==> flow/design.v <==
module cmp_unit_blk #(
    parameter int W = 24
) (
    input logic core_clk,
    input logic clr,
    input logic [W-1:0] lhs_in,
    input logic [W-1:0] rhs_in,
    output logic a_lt_b_out,
    output logic is_eq_out,
    output logic gt_out
);
    always_ff @(posedge core_clk or posedge clr) begin
        if (clr) begin
            a_lt_b_out <= 1'b0;
            is_eq_out <= 1'b0;
            gt_out <= 1'b0;
        end else begin
            a_lt_b_out <= (lhs_in < rhs_in);
            is_eq_out <= (lhs_in == rhs_in);
            gt_out <= (lhs_in > rhs_in);
        end
    end
endmodule
Ticket comment

Step by step through the tools: cmp_unit_blk
Module cmp_unit_blk in several versions that differ in "W"; each step lists the members. The RTL above is that of W=24; lines are counted from 1 in the file of the member named. A cell with - has no value.

Design top: cmp_unit_blk. Clock input: core_clk. Standard-cell library: sky130hd. Library corner: tt_025C_1v80.

Members of the sweep
Lines of each other member's file that are new or changed against the file above; lines that a member lacks are not shown.

Lines new or changed: W 40 (RTL line 2) `parameter int W = 40`; W 96 (RTL line 2) `parameter int W = 96`.

After elaboration
Counts by Yosys on the flattened word-level netlist (proc, flatten, opt, wreduce; memories kept). Register bits leave out memories and registers merged into their read ports (data or address); mux counts leave out enables and synchronous resets folded into registers. Print and check cells are left out. Cells with the same type and inputs are merged into one.

Word-level totals: W 24 (register bits after elaboration 3, input port bits 50, cells after elaboration 6); W 40 (register bits after elaboration 3, input port bits 82, cells after elaboration 6); W 96 (register bits after elaboration 3, input port bits 194, cells after elaboration 6).

Operators by class: W 24 (order comparisons 2, equal/unequal tests 1); W 40 (order comparisons 2, equal/unequal tests 1); W 96 (order comparisons 2, equal/unequal tests 1).

Operators by type and width (kinds with counts): W 24 (24-bit greater-than comparator (1); 24-bit < comparator (1); 24-bit == test (1)); W 40 (40-bit greater-than comparator (1); 40-bit < comparator (1); 40-bit == test (1)); W 96 (96-bit greater-than comparator (1); 96-bit < comparator (1); 96-bit == test (1)).

Depth
Yosys ltp: most cells in a row. Word level: on the elaborated netlist, between registers, memories and ports. Mapped: between sequential cells and ports; inverters and the memories' decode and read muxes count.

Logic depth: W 24 (depth after elaboration 1, ABC_AREA 0, gate-level depth with buffers 7, mapped depth without buffers 7); W 40 (depth after elaboration 1, ABC_AREA 0, gate-level depth with buffers 8, mapped depth without buffers 8); W 96 (depth after elaboration 1, ABC_AREA 0, gate-level depth with buffers 9, mapped depth without buffers 9).

After synthesis
Yosys stat after the flow's synthesis: flattened, memories mapped to cells. It holds for the ABC_AREA given above (unset counts as 0); a run with the other value may have another netlist. The area totals of this step are shown rounded.

Mapped netlist: W 24 (cell count 89, synthesis area 708 µm², mapped flip-flops 3); W 40 (cell count 149, synthesis area 1110 µm², mapped flip-flops 3); W 96 (cell count 348, synthesis area 2530 µm², mapped flip-flops 3).

Cells by type (types with counts): W 24 (sky130_fd_sc_hd__ha_1 (24); sky130_fd_sc_hd__inv_1 (25); sky130_fd_sc_hd__dfrtp_1 (3); sky130_fd_sc_hd__a21oi_1 (9); sky130_fd_sc_hd__nand4_1 (5); sky130_fd_sc_hd__nand2_1 (4); sky130_fd_sc_hd__nor2b_4 (1); sky130_fd_sc_hd__nand4_2 (1); sky130_fd_sc_hd__o211ai_2 (1); sky130_fd_sc_hd__nand3_1 (2); sky130_fd_sc_hd__nor3_2 (1); sky130_fd_sc_hd__o21ai_0 (2); sky130_fd_sc_hd__a211o_1 (1); sky130_fd_sc_hd__a221oi_1 (1); sky130_fd_sc_hd__a41oi_1 (1); sky130_fd_sc_hd__and4_1 (1); sky130_fd_sc_hd__o311ai_1 (1); sky130_fd_sc_hd__a21boi_0 (1); (+5)); W 40 (sky130_fd_sc_hd__ha_1 (40); sky130_fd_sc_hd__inv_1 (42); sky130_fd_sc_hd__a21oi_1 (15); sky130_fd_sc_hd__dfrtp_1 (3); sky130_fd_sc_hd__nand2_1 (15); sky130_fd_sc_hd__nand4_2 (3); sky130_fd_sc_hd__a221oi_1 (3); sky130_fd_sc_hd__nor2_1 (6); sky130_fd_sc_hd__nor4_4 (1); sky130_fd_sc_hd__nand3_1 (4); sky130_fd_sc_hd__nand4_1 (3); sky130_fd_sc_hd__a211oi_1 (2); sky130_fd_sc_hd__o211ai_1 (2); sky130_fd_sc_hd__o21ai_0 (3); sky130_fd_sc_hd__nor4_2 (1); sky130_fd_sc_hd__a211o_1 (1); sky130_fd_sc_hd__and4_1 (1); sky130_fd_sc_hd__and2_2 (1); (+3)); W 96 (sky130_fd_sc_hd__ha_1 (96); sky130_fd_sc_hd__inv_1 (99); sky130_fd_sc_hd__a21oi_1 (38); sky130_fd_sc_hd__nand4_1 (21); sky130_fd_sc_hd__dfrtp_1 (3); sky130_fd_sc_hd__nand2_1 (19); sky130_fd_sc_hd__nand3_1 (13); sky130_fd_sc_hd__o211ai_1 (6); sky130_fd_sc_hd__o21ai_0 (7); sky130_fd_sc_hd__a21o_1 (4); sky130_fd_sc_hd__nor2_1 (8); sky130_fd_sc_hd__nor4_1 (4); sky130_fd_sc_hd__a2111o_1 (2); sky130_fd_sc_hd__nor2b_1 (3); sky130_fd_sc_hd__o21bai_4 (1); sky130_fd_sc_hd__a221oi_1 (2); sky130_fd_sc_hd__a211oi_1 (2); sky130_fd_sc_hd__a21boi_0 (2); (+18)).

A list marked (+n) leaves out that many cells.

Timing after synthesis
OpenSTA on the mapped netlist: ideal clock, no wires. The path of least setup slack (recovery checks aside). Input and output delay are each 20% of the period. Register names are those of the netlist, which keeps one name where synthesis merged equal registers.

Timing after synthesis: W 24 (path kind input port to flip-flop, start point input rhs_in[1], end point register gt_out, period 1780 ps, slack 285 ps, driving pins on the path 7, path delay 1139 ps, synthesis period reached 1495 ps); W 40 (path kind input port to flip-flop, start point input rhs_in[38], end point register gt_out, period 2380 ps, slack 382 ps, driving pins on the path 8, path delay 1521 ps, synthesis period reached 1998 ps); W 96 (path kind input port to flip-flop, start point input rhs_in[91], end point register gt_out, period 2500 ps, slack 398 ps, driving pins on the path 8, path delay 1602 ps, synthesis period reached 2102 ps).

"path delay" is the arrival time less input delay plus setup time. "driving pins on the path": output pins that drive a net of the path, with the launching flip-flop's if there is one; two outputs of one cell count as two. "synthesis period reached" is the clock period less the worst setup slack; recovery checks do not enter. This is arithmetic on one report: input and output delays are still those of the set period (20% each). Between the ends stands the longest chain of elaborated cells between them, by number of cells; it is not shown to be the way that was timed. Of several equally long chains one is given. Each line given opens the expression or statement behind the cell; cells for indexed reads and writes are added by Yosys, which also makes memories of some case tables.

Between the ends, after synthesis, W=24:
Cells in the longest elaborated chain: 1.

Ends and longest elaborated chain, after synthesis, W=24: start: declaration (RTL line 7) `input logic [W-1:0] rhs_in,`; 24-bit greater-than comparator (RTL line 20) `gt_out <= (lhs_in > rhs_in);`; end: assignment (RTL line 16) `gt_out <= 1'b0;`; end: assignment (RTL line 20); end: declaration (RTL line 10) `output logic gt_out`.

Between the ends, after synthesis, W=96:
Cells in the longest elaborated chain: 1.

Ends and longest elaborated chain, after synthesis, W=96: start: declaration (RTL line 7) `input logic [W-1:0] rhs_in,`; 96-bit greater-than comparator (RTL line 20) `gt_out <= (lhs_in > rhs_in);`; end: assignment (RTL line 16) `gt_out <= 1'b0;`; end: assignment (RTL line 20); end: declaration (RTL line 10) `output logic gt_out`.

Timing after layout
Path of least setup slack in the final report of the run of each member (OpenROAD, finished layout, wires in). Where an end is a register, its clock arrival counts in the times. The path's times are printed in steps of 10 ps; the period is the one set.

Timing post-layout: W 24 (path kind input port to flip-flop, start point input rhs_in[14], end point register a_lt_b_out, period 1780 ps, slack -20 ps, driving pins on the path 7, arrival 1930 ps); W 40 (path kind input port to flip-flop, start point input lhs_in[35], end point register gt_out, period 2380 ps, slack 50 ps, driving pins on the path 8, arrival 2440 ps); W 96 (path kind input port to flip-flop, start point input rhs_in[91], end point register gt_out, period 2500 ps, slack 90 ps, driving pins on the path 9, arrival 2510 ps).

Flow runs
One run of the flow (Yosys, OpenROAD) for each member, with settings and measured results. Input and output delays are each 20% of the period that was set; the output load is 0.01 pF.

For CAP_MARGIN the number is 20. Under CORE_MARGIN stands 2. The figure for CORE_UTILIZATION is 40. SLEW_MARGIN: 20.

Settings that differ (period_ns): W 24 (1.78); W 40 (2.38); W 96 (2.5).

Measured results: W 24 (area of the synthesized netlist 708 µm², overall die area 2120 µm², standard-cell area after routing 1550 µm², utilization in the final report 91.9%, worst slack on setup checks -24 ps, total negative setup slack -44 ps, total design power 549 uW, clock period achieved 1804 ps); W 40 (area of the synthesized netlist 1110 µm², overall die area 3220 µm², standard-cell area after routing 2180 µm², utilization in the final report 81.3%, worst slack on setup checks 54 ps, total negative setup slack 0 ps, total design power 495 uW, clock period achieved 2326 ps); W 96 (area of the synthesized netlist 2530 µm², overall die area 6990 µm², standard-cell area after routing 4850 µm², utilization in the final report 77.7%, worst slack on setup checks 93 ps, total negative setup slack 0 ps, total design power 909 uW, clock period achieved 2407 ps).

"clock period achieved" means the clock period less the worst setup slack. The figure is calculated, with input and output delays left at 20% of the set period. "total design power": no workload was simulated; the value follows from the tool's default switching activity. Values from the reports are rounded here.
